==> flow/design.v <==
module sync_adder #(
    parameter BITS = 5
) (
    input wire aclk,
    input wire i_rst,
    input wire valid,
    input wire [BITS-1:0] u_i,
    input wire [BITS-1:0] v_i,
    input wire [BITS-1:0] w_i,
    output reg [BITS+1:0] q_o
);
    reg [BITS-1:0] r_u;
    reg [BITS-1:0] r_v;
    reg [BITS-1:0] r_w;
    reg [BITS:0] r_tmp;
    reg [BITS-1:0] r_w_d;
    always @(posedge aclk or posedge i_rst) begin
        if (i_rst) begin
            r_u <= 0;
            r_v <= 0;
            r_w <= 0;
            r_tmp <= 0;
            r_w_d <= 0;
            q_o <= 0;
        end else if (valid) begin
            r_u <= u_i;
            r_v <= v_i;
            r_w <= w_i;
            r_tmp <= r_u + r_v;
            r_w_d <= r_w;
            q_o <= r_tmp + r_w_d;
        end
    end
endmodule
# --- Step by step through the tools: sync_adder ---
# A sweep over "BITS": the same steps for each member of the family.
# The RTL above is that of BITS = 5; lines are counted from 1 in the file of the member named.
# Operators: Yosys type, input widths -> output width; for muxes data width and select width s.
# Cell names lack the library's common part.
design:
  design: "sync_adder"
  clock: "aclk"
  lib: "sky130hd"
  pvt_corner: "tt_025C_1v80"

# --- Members of the sweep ---
# New or changed lines of each further member against the RTL above, in its own file; lines it lacks are not shown.
src_changes:
  columns: ["BITS", "line_no", "source"]
  rows:
  - [10, 2, "parameter BITS = 10"]
  - [16, 2, "parameter BITS = 16"]

# --- Word-level counts ---
# Counts by Yosys on the flattened word-level netlist (proc, flatten, opt, wreduce; memories kept). Register bits leave out memories and registers merged into their read ports (data or address); mux counts leave out enables and synchronous resets folded into registers. Print and check cells are left out. Cells with the same type and inputs are merged into one.
classes:
  columns: ["BITS", "addsub"]
  rows:
  - [5, 2]
  - [10, 2]
  - [16, 2]
ops:
  columns: ["BITS", "operators"]
  rows:
  - [5, "1 x $add 6x5->7; 1 x $add 5x5->6"]
  - [10, "1 x $add 11x10->12; 1 x $add 10x10->11"]
  - [16, "1 x $add 17x16->18; 1 x $add 16x16->17"]
bits:
  columns: ["BITS", "ff_bits", "input_bits"]
  rows:
  - [5, 33, 18]
  - [10, 63, 33]
  - [16, 99, 51]

# --- Logic depth ---
# Depth = most cells in a row (Yosys ltp): at word level without a register or memory, in the mapped netlist without a sequential cell, where the memories' decode and read muxes count.
logic_depth:
  columns: ["BITS", "word_depth", "abc_area", "depth_mapped"]
  rows:
  - [5, 1, 0, 7]
  - [10, 1, 0, 8]
  - [16, 1, 0, 9]

# --- Mapped cells and area ---
# The flow's flattened synthesis, as Yosys stat reports it; memories are mapped. The netlist is that of the ABC_AREA named above (0 if unset); the other value can give another one.
# Totals and module areas in this step are rounded.
by_type:
  columns: ["BITS", "type_list"]
  rows:
  - [5, "33 x dfrtp_1; 23 x mux2_2; 10 x ha_1; 2 x fa_1; 8 x o21ai_0; 10 x inv_1; 3 x xnor2_1; 5 x a21oi_1; 3 x o21a_1; 5 x nand2_1; 5 x nor2_1; 3 x o22ai_1; 2 x a211oi_1; 2 x a21o_1; 3 x buf_2; 2 x a31oi_1; 2 x or3_1; 1 x a21bo_2; [+7]"]
  - [10, "63 x dfrtp_1; 48 x mux2_2; 20 x ha_1; 7 x xnor2_1; 12 x o21ai_0; 15 x nor2_1; 7 x a211oi_1; 7 x a21o_1; 11 x nand2_1; 8 x a21oi_1; 2 x fa_1; 5 x o21a_1; 2 x a211oi_2; 4 x nand2b_1; 3 x o21bai_1; 3 x o31ai_1; 4 x nor3_1; 2 x o211a_1; [+38]"]
  - [16, "99 x dfrtp_1; 80 x mux2_2; 32 x ha_1; 27 x a21oi_1; 13 x xnor2_1; 24 x nand2_1; 11 x a211oi_1; 11 x a21o_1; 14 x o21ai_0; 8 x o211ai_1; 11 x nand3_1; 7 x o21a_1; 13 x inv_1; 5 x xor2_1; 2 x fa_1; 10 x clkbuf_1; 10 x nor2_1; 5 x nor2b_1; [+67]"]
# The mark [+n] counts cells that are not listed.
mapped:
  columns: ["BITS", "stdcells", "yosys_area_mm2", "sequential_area_mm2", "ff_cells", "buf_cells"]
  rows:
  - [5, 129, 0.00158, 0.000826, 33, 5]
  - [10, 261, 0.00318, 0.00158, 63, 8]
  - [16, 449, 0.00525, 0.00248, 99, 20]

# --- Path before layout ---
# Path of least setup slack by OpenSTA after synthesis, without wires, with an ideal clock, recovery checks aside; 20% of the period is set as input and as output delay. Where synthesis merged equal registers, the netlist keeps one of their names.
synth_path:
  columns: ["BITS", "path_kind", "startpoint", "endpoint", "clock_period_ns", "setup_slack_ns", "path_stages", "delay_ns", "period_less_setup_slack_ns"]
  rows:
  - [5, "register to register", "register r_u[0]", "register r_tmp[4]", 2.17, 0.432, 7, 1.738, 1.738]
  - [10, "register to register", "register r_tmp[0]", "register q_o[10]", 2.52, 0.506, 8, 2.015, 2.014]
  - [16, "register to register", "register r_u[0]", "register r_tmp[8]", 2.7, 0.538, 9, 2.163, 2.162]
# "delay_ns" is the arrival time less input delay plus setup time.
# "path_stages": output pins that drive a net of the path, with the launching flip-flop's if there is one; two outputs of one cell count as two.
# "period_less_setup_slack_ns" = period - worst setup slack (recovery checks aside). The figure is calculated, with input and output delays left at 20% of the set period.
# Between the ends stands the longest chain of elaborated cells between them, by number of cells; it is not shown to be the way that was timed. Of several equally long chains one is given.
# Each line given opens the expression or statement behind the cell; cells for indexed reads and writes are added by Yosys, which also makes memories of some case tables.
synth_via_BITS_5:
  elab_chain_len: 1
synth_lines_BITS_5:
  columns: ["item", "line_no", "source"]
  rows:
  - ["start: declaration", 12, "reg [BITS-1:0] r_u;"]
  - ["start: assignment", 19, "r_u <= 0;"]
  - ["start: assignment", 26, "r_u <= u_i;"]
  - ["$add 5x5->6", 29, "r_tmp <= r_u + r_v;"]
  - ["end: assignment", 22, "r_tmp <= 0;"]
  - ["end: assignment", 29, null]
  - ["end: declaration", 15, "reg [BITS:0] r_tmp;"]
synth_via_BITS_16:
  elab_chain_len: 1
synth_lines_BITS_16:
  columns: ["item", "line_no", "source"]
  rows:
  - ["start: declaration", 12, "reg [BITS-1:0] r_u;"]
  - ["start: assignment", 19, "r_u <= 0;"]
  - ["start: assignment", 26, "r_u <= u_i;"]
  - ["$add 16x16->17", 29, "r_tmp <= r_u + r_v;"]
  - ["end: assignment", 22, "r_tmp <= 0;"]
  - ["end: assignment", 29, null]
  - ["end: declaration", 15, "reg [BITS:0] r_tmp;"]

# --- Path in the finished layout ---
# From the final timing report of each member's run: the path of least setup slack in the routed layout; clock arrival at registers is part of the times.
layout_path:
  columns: ["BITS", "path_kind", "startpoint", "endpoint", "clock_period_ns", "setup_slack_ns", "path_stages", "arrival_time_ns", "path_buffers"]
  rows:
  - [5, "register to register", "register r_u[0]", "register r_tmp[4]", 2.17, 0.31, 7, 2.03, 0]
  - [10, "register to register", "register r_tmp[0]", "register q_o[10]", 2.52, 0.39, 8, 2.38, 0]
  - [16, "register to register", "register r_u[0]", "register r_tmp[12]", 2.7, 0.34, 9, 2.60, 0]

# --- Layout results ---
# One run of the flow (Yosys, OpenROAD) for each member, with settings and measured results. Input and output delays are each 20% of the period that was set; the output load is 0.01 pF.
flow_settings:
  CAP_MARGIN: 20
  CORE_MARGIN: 2
  CORE_UTILIZATION: 40
  SLEW_MARGIN: 20
settings_diff:
  columns: ["BITS", "period_ns"]
  rows:
  - [5, 2.17]
  - [10, 2.52]
  - [16, 2.7]
results:
  columns: ["BITS", "synthArea_mm2", "die_area_mm2", "layout_stdcell_area_mm2", "finish.utilization_pct", "ws_setup_ns", "total_negative_slack_ns", "holdWs_ns", "power_total_mw", "achieved_period_ns"]
  rows:
  - [5, 0.00158, 0.00447, 0.00197, 53.0, 0.312, 0.000, 0.496, 1.92, 1.858]
  - [10, 0.00318, 0.00868, 0.00395, 51.1, 0.385, 0.000, 0.494, 3.46, 2.135]
  - [16, 0.00525, 0.0141, 0.00642, 50.5, 0.345, 0.000, 0.492, 5.51, 2.355]
# "achieved_period_ns": clock period set for the run, less the worst setup slack. It is reckoned from that one timing run; input and output delays stay at 20% of the period that was set.
# "power_total_mw" rests on the timing tool's default activity at the inputs, not on a simulated workload.
# The results are shown rounded.
